==> flow/design.v <==
module sh_core_v2 #(
   parameter DWIDTH = 16,
   parameter SEL_WIDTH = $clog2(DWIDTH)
) (
   input  clock,
   input  reset,
   input  [DWIDTH-1:0] in_src,
   input  [SEL_WIDTH-1:0] in_n,
   output [DWIDTH-1:0] out_dout
);
   reg [DWIDTH-1:0] src_d1;
   reg [SEL_WIDTH-1:0] n_d1;
   reg [DWIDTH-1:0] nxt_d1;
   reg [1:0] n_d1_lo;
   reg [DWIDTH-1:0] dout_d1;
   assign out_dout = dout_d1;
   always @(posedge clock) begin
      if (reset) begin
         src_d1 <= 0;
         n_d1 <= 0;
         nxt_d1 <= 0;
         n_d1_lo <= 0;
         dout_d1 <= 0;
      end else begin
         src_d1 <= in_src;
         n_d1 <= in_n;
         nxt_d1 <= src_d1 << {n_d1[SEL_WIDTH-1:2], 2'b00};
         n_d1_lo <= n_d1[1:0];
         dout_d1 <= nxt_d1 << n_d1_lo;
      end
   end
endmodule
* Tool chain data of sh_core_v2
What the tools print for sh_core_v2, step after step. Line numbers count from 1 in the design file above. Operators carry their Yosys type and port widths (W data, S select, Z words). Library cell names are shortened. Not given: -
Inputs: design top sh_core_v2, clock input clock, cell library sky130hd, library corner tt_025C_1v80

* Word level
Source: Yosys, flattened and elaborated, memories not mapped. Widths are those after wreduce; folded enables and synchronous resets count as part of the registers. Registers that Yosys merges into a memory's read port (data or address) are not register bits. Print and check cells do not count. Equal cells are merged and count once.
Bit counts: register bits 54, input bits 22, elaborated cells 7
Operators by class: shift-type cells 2
Operator list (count):
- $shl A16 B2 Y16 | 1
- $shl A16 B4 Y16 | 1

* Longest topological paths
Longest topological path by Yosys (ltp), each cell counted once; first at word level (registers and memories cut), then after technology mapping (sequential cells cut; the memories' decode and read muxes count).
Logic depth: depth after elaboration 1, ABC_AREA 0, mapped depth 4, mapped depth without buffers 3

* Synthesis result
Source: synth_stat.txt of the flow (Yosys; design flattened, memories mapped). It holds for the ABC_AREA given above (unset counts as 0); a run with the other value may have another netlist.
Cell types:
- dfxtp_1 | count 54, total area 1.08E+03 sq um
- mux2i_1 | count 23, total area 230.221 sq um
- nor2b_1 | count 26, total area 162.656 sq um
- o22ai_1 | count 17, total area 106.352 sq um
- a211oi_1 | count 10, total area 75.072 sq um
- nand2b_1 | count 6, total area 37.536 sq um
- buf_6 | count 3, total area 33.782 sq um
- buf_2 | count 6, total area 30.029 sq um
- and2_1 | count 4, total area 25.024 sq um
- buf_4 | count 3, total area 22.522 sq um
- nor2_1 | count 5, total area 18.768 sq um
- nor3b_2 | count 1, total area 12.512 sq um
- or2_1 | count 2, total area 12.512 sq um
- and2b_1 | count 1, total area 7.507 sq um
- or2b_1 | count 1, total area 7.507 sq um
- nor2_2 | count 1, total area 6.256 sq um
Mapped netlist: cell count 163, mapped area 1869.3 sq um, sequential area 1081.0 sq um, flip-flop cells 54, buffer cells 12

* Path before layout
OpenSTA on the mapped netlist: ideal clock, no wires. The path of least setup slack (recovery checks aside). Input and output delay are each 20% of the period. Register names are those of the netlist, which keeps one name where synthesis merged equal registers.
Path post-synthesis: kind register -> register, start point register n_d1_lo[0], end point register dout_d1[3], clock period 1.32 ns, setup time 0.127 ns, arrival time 0.929 ns, required time 1.193 ns, slack 0.264 ns, path delay 1.056 ns, stages 5, synthesis period reached 1.056 ns
"path delay" = arrival - input delay + setup time. "stages" counts driving pins, that of a launching flip-flop among them; a cell with two outputs on the path counts twice. "synthesis period reached" is the clock period less the worst setup slack; recovery checks do not enter. This is arithmetic on one report: input and output delays are still those of the set period (20% each). Between the ends stands the longest chain of elaborated cells between them, by number of cells; it is not shown to be the way that was timed. Of several equally long chains one is given. A line is the first line of the expression or statement that the cell stems from. Yosys adds cells for indexed reads and writes and turns some case tables into memories.
Between the ends, post-synthesis: cells stage by stage dfxtp_1 -> buf_4 -> buf_6 -> mux2i_1 -> o22ai_1, cells in the longest elaborated chain 1
RTL lines, path post-synthesis:
- start, declared | RTL line 14 | reg [1:0] n_d1_lo;
- start, assigned | RTL line 22 | n_d1_lo <= 0;
- start, assigned | RTL line 28 | n_d1_lo <= n_d1[1:0];
- $shl A16 B2 Y16 | RTL line 29 | dout_d1 <= nxt_d1 << n_d1_lo;
- end, assigned | RTL line 23 | dout_d1 <= 0;
- end, assigned | RTL line 29
- end, declared | RTL line 15 | reg [DWIDTH-1:0] dout_d1;

* Timing after layout
Path of least setup slack in the final report of stored run 1 (OpenROAD, finished layout, wires in). Where an end is a register, its clock arrival counts in the times.
Path post-layout: kind register -> output, start point register dout_d1[7], end point output port out_dout[7], clock period 1.14 ns, output delay 0.23 ns, arrival time 0.88 ns, required time 0.91 ns, slack 0.03 ns, stages 2
Between the ends, post-layout: cells stage by stage dfxtp_2 -> clkdlybuf4s15_2, cells in the longest elaborated chain 0
RTL lines, path post-layout:
- start, declared | RTL line 15 | reg [DWIDTH-1:0] dout_d1;
- start, assigned | RTL line 23 | dout_d1 <= 0;
- start, assigned | RTL line 29 | dout_d1 <= nxt_d1 << n_d1_lo;
- end, declared | RTL line 9 | output [DWIDTH-1:0] out_dout

Data sheet: physical implementation of sh_core_v2

Measured results for sh_core_v2: 3 stored runs of the Yosys and OpenROAD flow on sky130hd. The settings differ; the order carries no meaning. The constraints put input and output delay at 20% of the set period each and load the outputs with 0.01 pF.
"period reached" means the clock period less the worst setup slack. The figure is calculated, with input and output delays left at 20% of the set period.
By "time on the worst setup path" is meant the share of the clock period that the worst setup path is allowed (20% is reserved at inputs, 20% at outputs), minus its slack. Clock arrival times at its registers enter into it.
"total power after layout" is the tool's figure for a default switching activity; nothing was simulated.

* Stored run 1 | settings: period_ns 1.14; CORE_UTILIZATION 60; PLACE_DENSITY_LB_ADDON 0.24; HOLD_SLACK_MARGIN -0.01; CELL_PAD_IN_SITES_DETAIL_PLACEMENT 0; TNS_END_PERCENT 55; GPL_ROUTABILITY_DRIVEN 0; CAP_MARGIN 20; CORE_MARGIN 2; SLEW_MARGIN 20 | results: period reached 1.110 ns; time on the worst setup path 0.88 ns; class of the worst setup path register -> output; worst setup slack after layout 0.030 ns; standard-cell area of the final layout 2297.2 sq um; worst hold slack 0.417 ns; total power after layout 3401 uW; post-route setup TNS 0.000 ns; die outline area 3577.8 sq um; cell area after synthesis 1869.3 sq um; utilization after routing 76.5%
* Stored run 2 | settings: period_ns 1.32; CAP_MARGIN 20; CORE_MARGIN 2; CORE_UTILIZATION 40; SLEW_MARGIN 20 | results: period reached 1.205 ns; time on the worst setup path 0.94 ns; class of the worst setup path input -> register; worst setup slack after layout 0.115 ns; standard-cell area of the final layout 2374.8 sq um; worst hold slack 0.453 ns; total power after layout 3101 uW; post-route setup TNS 0.000 ns; die outline area 5236.0 sq um; cell area after synthesis 1869.3 sq um; utilization after routing 53.8%
* Stored run 3 | settings: period_ns 1.3; CORE_UTILIZATION 66; PLACE_DENSITY_LB_ADDON 0.21; CORE_ASPECT_RATIO 0.62; CORE_MARGIN 3; CELL_PAD_IN_SITES_GLOBAL_PLACEMENT 1; CELL_PAD_IN_SITES_DETAIL_PLACEMENT 0; CTS_CLUSTER_SIZE 61; CTS_CLUSTER_DIAMETER 153; CAP_MARGIN 35; MIN_ROUTING_LAYER met2; MAX_ROUTING_LAYER met5; SLEW_MARGIN 20 | stopped before the end: placement reported FLW-0024
